==> flow/design.v <==
module adder_blk (ck, rst_i, a_i, b_i, carry_in_i, o_o, co_o);
  parameter integer BITS = 80;
  input ck;
  input rst_i;
  input [BITS-1:0] a_i;
  input [BITS-1:0] b_i;
  input carry_in_i;
  output [BITS-1:0] o_o;
  output co_o;
  reg [BITS-1:0] a_reg;
  reg [BITS-1:0] b_reg;
  reg carry_in_reg;
  wire [BITS-1:0] r;
  wire [BITS:0] cc;
  assign cc[0] = carry_in_reg;
  genvar g;
  generate
    for (g = 0; g < BITS; g = g + 1) begin : gen
      adder_blk_full_adder el (.a(a_reg[g]), .b(b_reg[g]), .ci(cc[g]), .s(r[g]), .co(cc[g+1]));
    end
  endgenerate
  assign o_o = r;
  assign co_o = cc[BITS];
  always @(posedge ck) begin
    if (rst_i) begin
      a_reg <= 0;
      b_reg <= 0;
      carry_in_reg <= 1'b0;
    end else begin
      a_reg <= a_i;
      b_reg <= b_i;
      carry_in_reg <= carry_in_i;
    end
  end
endmodule
module adder_blk_full_adder (
  input wire a,
  input wire b,
  input wire ci,
  output wire s,
  output wire co
);
  wire p = a ^ b;
  assign s = p ^ ci;
  assign co = p ? ci : a;
endmodule
Reports on adder_blk --
What the tools print for adder_blk, step after step. Line numbers count from 1 in the design file above. Cell names lack the library's common part. The mark n/a stands for no value.
Set-up: design top adder_blk, clock ck, cell library sky130hd, corner tt_025C_1v80

Word-level counts --
Source: Yosys, flattened and elaborated, memories not mapped. Widths are those after wreduce; folded enables and synchronous resets count as part of the registers. Registers that Yosys merges into a memory's read port (data or address) are not register bits. Print and check cells do not count. Equal cells are merged and count once.
Cells by class: bitwise logic cells 160, multiplexer cells 80
Operators by type and width (count):
- XOR 1 bit | 160
- two-way mux 1 bit | 80
Word-level totals: flip-flop bits (word level) 161, output and inout port bits 81, elaborated cells 243

Depth --
Yosys ltp: most cells in a row. Word level: on the elaborated netlist, between registers, memories and ports. Mapped: between sequential cells and ports; inverters and the memories' decode and read muxes count.
Logic depth: depth after elaboration 81, ABC_AREA 0, gate-level depth with buffers 23, mapped depth without buffers 21

Synthesis result --
The flow's flattened synthesis, as Yosys stat reports it; memories are mapped. The netlist is that of the ABC_AREA named above (0 if unset); the other value can give another one. Totals and module areas in this step are rounded.
Cell types:
- dfxtp_1 | count 161, area in all 3.22E+03 um^2
- xnor2_1 | count 140, area in all 1.23E+03 um^2
- nor2b_1 | count 163, area in all 1.02E+03 um^2
- buf_4 | count 80, area in all 600.576 um^2
- maj3_1 | count 47, area in all 470.451 um^2
- nand2_1 | count 64, area in all 240.23 um^2
- nor2_1 | count 45, area in all 168.912 um^2
- xor2_1 | count 18, area in all 157.651 um^2
- o21ai_0 | count 22, area in all 110.106 um^2
- a21oi_1 | count 19, area in all 95.091 um^2
- o22ai_1 | count 15, area in all 93.84 um^2
- a22oi_1 | count 10, area in all 75.072 um^2
- inv_1 | count 20, area in all 75.072 um^2
- clkbuf_1 | count 18, area in all 67.565 um^2
- o211ai_1 | count 8, area in all 60.058 um^2
- o41ai_4 | count 2, area in all 55.053 um^2
- or2_2 | count 7, area in all 43.792 um^2
- a211oi_1 | count 5, area in all 37.536 um^2
Not listed: further types 49, cells in them 94.
Mapped netlist: chip area (Yosys) 8620 um^2, flip-flop cells 161, sequential part of the area 3220 um^2, buffer cells 100, standard cells after synthesis 938
The figures by module come from a second, unflattened synthesis with its own total; it is not the netlist above.
Unflattened totals: cells (unflattened synthesis) 500, area total of the unflattened synthesis 7550 um^2
Rows give one instance, submodules left out.
Modules:
- adder_blk | times used 1, cells 340, area 4850 um^2
- adder_blk_full_adder | times used 80, cells 2, area 33.8 um^2

Timing after synthesis --
Source: OpenSTA report_checks on the synthesized netlist (no wires, ideal clock, input and output delay 20% of the period each), path of least setup slack; recovery checks are left aside. Register names are those of the netlist, which keeps one name where synthesis merged equal registers.
Path post-synthesis: kind register to output, start point register b_reg[0], end point output o_o[79], buffers on the path 1, driving pins on the path 23, output delay 1654 ps, delay of the path 5292 ps, data required time 6616 ps, arrival 5292 ps, slack 1324 ps, time at the first pin 0 ps, clock period 8270 ps, period reached after synthesis 6946 ps
"delay of the path" is the arrival time less input delay plus setup time. A path that ends at an output port has no setup time. "driving pins on the path": output pins that drive a net of the path, with the launching flip-flop's if there is one; two outputs of one cell count as two. "period reached after synthesis" is the clock period less the worst setup slack; recovery checks do not enter. This is arithmetic on one report: input and output delays are still those of the set period (20% each). Between the ends stands the longest chain of elaborated cells between them, by number of cells; it is not shown to be the way that was timed. Of several equally long chains one is given. Each line given opens the expression or statement behind the cell; cells for indexed reads and writes are added by Yosys, which also makes memories of some case tables.
On the way, post-synthesis: cells stage by stage dfxtp_1 maj3_2 o21a_1 o22ai_2 o211a_4 a31o_2 a21oi_1 nor2_2 o41ai_4 o31ai_4 a31oi_4 a311oi_1 a211oi_1 a211oi_2 a31oi_2 maj3_2 maj3_2 o2111a_1 o41a_1 o311ai_2 a221oi_1 nor3_1 buf_4, cells in the longest elaborated chain 81
RTL lines, path post-synthesis:
- start, declared | RTL line 11 | reg [BITS-1:0] b_reg;
- start, assigned | RTL line 27 | b_reg <= 0;
- start, assigned | RTL line 31 | b_reg <= b_i;
- XOR 1 bit | RTL line 43 | wire p = a ^ b;
- two-way mux 1 bit (79 in a row) | RTL line 45 | assign co = p ? ci : a;
- XOR 1 bit | RTL line 44 | assign s = p ^ ci;
- end, declared | RTL line 8 | output [BITS-1:0] o_o;

Path in the finished layout --
Path of least setup slack in the final report of flow run 1 (OpenROAD, finished layout, wires in). Where an end is a register, its clock arrival counts in the times. The report prints the path's times to 10 ps; the period is as set.
Path post-layout: kind register to output, start point register b_reg[0], end point output co_o, output delay 1650 ps, slack 510 ps, buffers on the path 2, clock period 8270 ps, time at the first pin 420 ps, arrival 6110 ps, driving pins on the path 24, data required time 6620 ps
Between the ends stands the longest chain of elaborated cells between them, by number of cells; it is not shown to be the way that was timed. Of several equally long chains one is given.
On the way, post-layout: cells stage by stage dfxtp_1 maj3_2 o21a_1 o22ai_2 o211a_4 a31o_2 nand2_1 o21ai_2 o41ai_4 o31ai_4 a31oi_4 a311oi_2 a211oi_2 a211oi_2 a31oi_2 maj3_2 maj3_2 o2111a_1 o41a_1 o41ai_4 buf_4 a222oi_1 nand2b_1 dlymetal6s2s_1, cells in the longest elaborated chain 81
RTL lines, path post-layout:
- start, declared | RTL line 11 | reg [BITS-1:0] b_reg;
- start, assigned | RTL line 27 | b_reg <= 0;
- start, assigned | RTL line 31 | b_reg <= b_i;
- XOR 1 bit | RTL line 43 | wire p = a ^ b;
- two-way mux 1 bit (80 in a row) | RTL line 45 | assign co = p ? ci : a;
- end, declared | RTL line 9 | output co_o;

Subject: adder_blk on sky130hd, stored results

Hello all,

adder_blk through Yosys and OpenROAD on sky130hd: 2 stored runs, unordered, with their settings and measured results. The constraints put input and output delay at 20% of the set period each and load the outputs with 0.01 pF.
"period achieved" means the clock period less the worst setup slack. The figure is calculated, with input and output delays left at 20% of the set period.
"time used up by the worst setup path" = time allowed to the worst setup path (clock period - input delay - output delay, where it has them) - its slack; a late launch clock adds to it, a late capture clock takes from it.
"time used up by the worst setup path" is known to 10 ps.
Values from the reports are rounded here.

* Flow run 1 | settings: period_ns 8.27; CAP_MARGIN 20; CORE_MARGIN 2; CORE_UTILIZATION 40; SLEW_MARGIN 20 | results: setup slack of the worst path 506 ps; chip area after synthesis (Yosys) 8620 um^2; period achieved 7764 ps; area of the die 22700 um^2; std-cell area (final layout) 11500 um^2; time used up by the worst setup path 6110 ps; worst path kind register to output
* Flow run 2 | settings: period_ns 8.34; CORE_UTILIZATION 47; PLACE_DENSITY_LB_ADDON 0.26; HOLD_SLACK_MARGIN -0.09; CORE_ASPECT_RATIO 0.84; CORE_MARGIN 7; CELL_PAD_IN_SITES_DETAIL_PLACEMENT 2; TNS_END_PERCENT 10; ABC_AREA 1; GPL_TIMING_DRIVEN 1; CTS_CLUSTER_SIZE 31; MIN_ROUTING_LAYER met1; CAP_MARGIN 20; SLEW_MARGIN 20 | did not finish, placement stopped with DPL-0033

Thanks
